==> flow/design.v <==
module times_n #(
  parameter integer BITS = 5
) (
  input  clk,
  input  rst_n,
  input  [BITS-1:0] lhs_i,
  output [2*BITS-1:0] out_o
);
  reg [2*BITS-1:0] out_s;
  always @(posedge clk or negedge rst_n) begin
    if (!rst_n) begin
      out_s <= 0;
    end else begin
      out_s <= lhs_i * lhs_i;
    end
  end
  assign out_o = out_s;
endmodule
-- From RTL to reports: times_n
The steps from the RTL of times_n to its reports follow in flow order.
Lines are those of the file above, counted from 1.
Operators carry their Yosys type and port widths (W data, S select, Z words).
Cell names lack the library's common part.
The mark - stands for no value.
- top module: times_n
- clock input: clk
- library: sky130hd
- timing corner: tt_025C_1v80

-- Word-level counts
Counts by Yosys on the flattened word-level netlist (proc, flatten, opt, wreduce; memories kept). Register bits leave out memories and registers merged into their read ports (data or address); mux counts leave out enables and synchronous resets folded into registers. Print and check cells are left out. Cells with the same type and inputs are merged into one.
- noted bits in registers: 10
- bits of input ports: 7
- output and inout bits: 10
- $mul: 1
- operators by type and width (operator ; count):
    $mul A5 B5 Y10 ; 1

-- Logic depth
Depth = most cells in a row (Yosys ltp): at word level without a register or memory, in the mapped netlist without a sequential cell, where the memories' decode and read muxes count.
- word-level depth at 1
- ABC_AREA at 0
- mapped depth: 12

-- Mapped cells and area
Yosys stat after the flow's synthesis: flattened, memories mapped to cells. It holds for the ABC_AREA given above (unset counts as 0); a run with the other value may have another netlist.
- cell count: 70
- noted cell area after synthesis: 696.9 um^2
- mapped flip-flops at 9
- buffers: 2
- cells by type (cell type ; count):
    dfrtp_1 ; 9
    ha_1 ; 10
    fa_1 ; 3
    xnor2_1 ; 4
    nand2_1 ; 8
    and2_1 ; 4
    a21oi_1 ; 4
    inv_1 ; 5
    nor2b_1 ; 3
    xor2_1 ; 2
    and2_2 ; 2
    nor2_1 ; 4
    o31ai_2 ; 1
    a21oi_2 ; 1
    a31o_1 ; 1
    a31o_2 ; 1
    and2b_2 ; 1
    and3_2 ; 1
Other cell types: 6; their cells: 6.

-- Timing after synthesis
Source: OpenSTA report_checks on the synthesized netlist (no wires, ideal clock, input and output delay 20% of the period each), path of least setup slack; recovery checks are left aside. Register names are those of the netlist, which keeps one name where synthesis merged equal registers.
- kind: input-to-reg
- start: input port lhs_i[1]
- end: register out_s[8]
- period at 4040 ps
- external input delay at 808 ps
- noted time at the first pin: 808 ps
- noted arrival: 3268 ps
- noted slack: 649 ps
- delay of the path: 2583 ps
- noted driving pins on the path: 12
- synthesis period reached at 3391 ps
"delay of the path" is the arrival time less input delay plus setup time.
"driving pins on the path" counts driving pins, that of a launching flip-flop among them; a cell with two outputs on the path counts twice.
"synthesis period reached" = period - worst setup slack (recovery checks aside). The figure is calculated, with input and output delays left at 20% of the set period.
Between the ends stands the longest chain of elaborated cells between them, by number of cells; it is not shown to be the way that was timed. Of several equally long chains one is given.
A line is the first line of the expression or statement that the cell stems from. Yosys adds cells for indexed reads and writes and turns some case tables into memories.
- cells stage by stage: buf_2 > nand2_1 > fa_1 > inv_1 > fa_1 > ha_1 > a31o_2 > ha_1 > nand2_1 > o211ai_1 > a21oi_1 > xnor2_1
- noted length of the longest elaborated chain: 1
- ends and longest elaborated chain, post-synthesis (element ; line ; source):
    start: declaration ; 6 ; input  [BITS-1:0] lhs_i,
    $mul A5 B5 Y10 ; 14 ; out_s <= lhs_i * lhs_i;
    end: assignment ; 12 ; out_s <= 0;
    end: assignment ; 14 ;
    end: declaration ; 9 ; reg [2*BITS-1:0] out_s;

-- Path in the finished layout
From the final timing report of run 1: the path of least setup slack in the routed layout; clock arrival at registers is part of the times.
The path's times are printed in steps of 10 ps; the period is the one set.
- kind: input-to-reg
- start: input port lhs_i[4]
- end: register out_s[8]
- period at 4040 ps
- external input delay at 810 ps
- noted time at the first pin: 810 ps
- noted arrival: 3820 ps
- noted slack: 350 ps
- noted driving pins on the path: 12
Between the ends stands the longest chain of elaborated cells between them, by number of cells; it is not shown to be the way that was timed. Of several equally long chains one is given.
- cells stage by stage: clkdlybuf4s50_1 > nand2_1 > fa_1 > inv_1 > fa_1 > ha_1 > a31o_2 > ha_1 > nand2_1 > o211ai_1 > a21oi_1 > xnor2_1
- noted length of the longest elaborated chain: 1
- ends and longest elaborated chain, after layout (element ; line ; source):
    start: declaration ; 6 ; input  [BITS-1:0] lhs_i,
    $mul A5 B5 Y10 ; 14 ; out_s <= lhs_i * lhs_i;
    end: assignment ; 12 ; out_s <= 0;
    end: assignment ; 14 ;
    end: declaration ; 9 ; reg [2*BITS-1:0] out_s;

==> results <==
times_n through Yosys and OpenROAD on sky130hd: 3 stored runs, unordered, with their settings and measured results. The constraints put input and output delay at 20% of the set period each and load the outputs with 0.01 pF.
"clock period reached": clock period set for the run, less the worst setup slack. It is reckoned from that one timing run; input and output delays stay at 20% of the period that was set.
"worst path time" = time allowed to the worst setup path (clock period - input delay - output delay, where it has them) - its slack; a late launch clock adds to it, a late capture clock takes from it.
"power consumption" is the tool's figure for a default switching activity; nothing was simulated.
"worst path time" is known to 10 ps.

Run 1
Settings were period_ns = 4.04; CAP_MARGIN = 20; CORE_MARGIN = 2; CORE_UTILIZATION = 40; SLEW_MARGIN = 20
- post-synthesis cell area: 696.9 um^2
- clock period reached: 3691 ps
- power consumption: 0.2732 mW
- std-cell area (final layout) at 919.6 um^2
- worst setup slack after layout at 349 ps
- sum of negative setup slack at 0 ps
- worst path time at 2880 ps
- critical path kind: input-to-reg
- noted the die outline area: 2092.2 um^2

Run 2
Settings were period_ns = 2.02; CORE_UTILIZATION = 71; SETUP_SLACK_MARGIN = 0.25; PLACE_DENSITY_LB_ADDON = 0.06; CELL_PAD_IN_SITES_GLOBAL_PLACEMENT = 0; CELL_PAD_IN_SITES_DETAIL_PLACEMENT = 1; TNS_END_PERCENT = 70; ABC_AREA = 1; GPL_ROUTABILITY_DRIVEN = 0; CTS_CLUSTER_SIZE = 26; SLEW_MARGIN = 25; MAX_ROUTING_LAYER = met5; CAP_MARGIN = 20; CORE_MARGIN = 2
- stopped before the end: placement reported FLW-0024

Run 3
Settings were period_ns = 4.23; CORE_UTILIZATION = 51; SETUP_SLACK_MARGIN = 0.18; PLACE_DENSITY_LB_ADDON = 0.27; CORE_ASPECT_RATIO = 1.01; CORE_MARGIN = 10; TNS_END_PERCENT = 35; ABC_AREA = 1; GPL_TIMING_DRIVEN = 1; GPL_ROUTABILITY_DRIVEN = 1; CTS_CLUSTER_SIZE = 79; SLEW_MARGIN = 5; MAX_ROUTING_LAYER = met4; CAP_MARGIN = 20
- post-synthesis cell area: 753.2 um^2
- worst setup slack after layout at 366 ps
- power consumption: 0.2666 mW
- std-cell area (final layout) at 970.9 um^2
- clock period reached: 3864 ps
- noted the die outline area: 3414.0 um^2
- worst path time at 3020 ps
- critical path kind: input-to-reg
- sum of negative setup slack at 0 ps
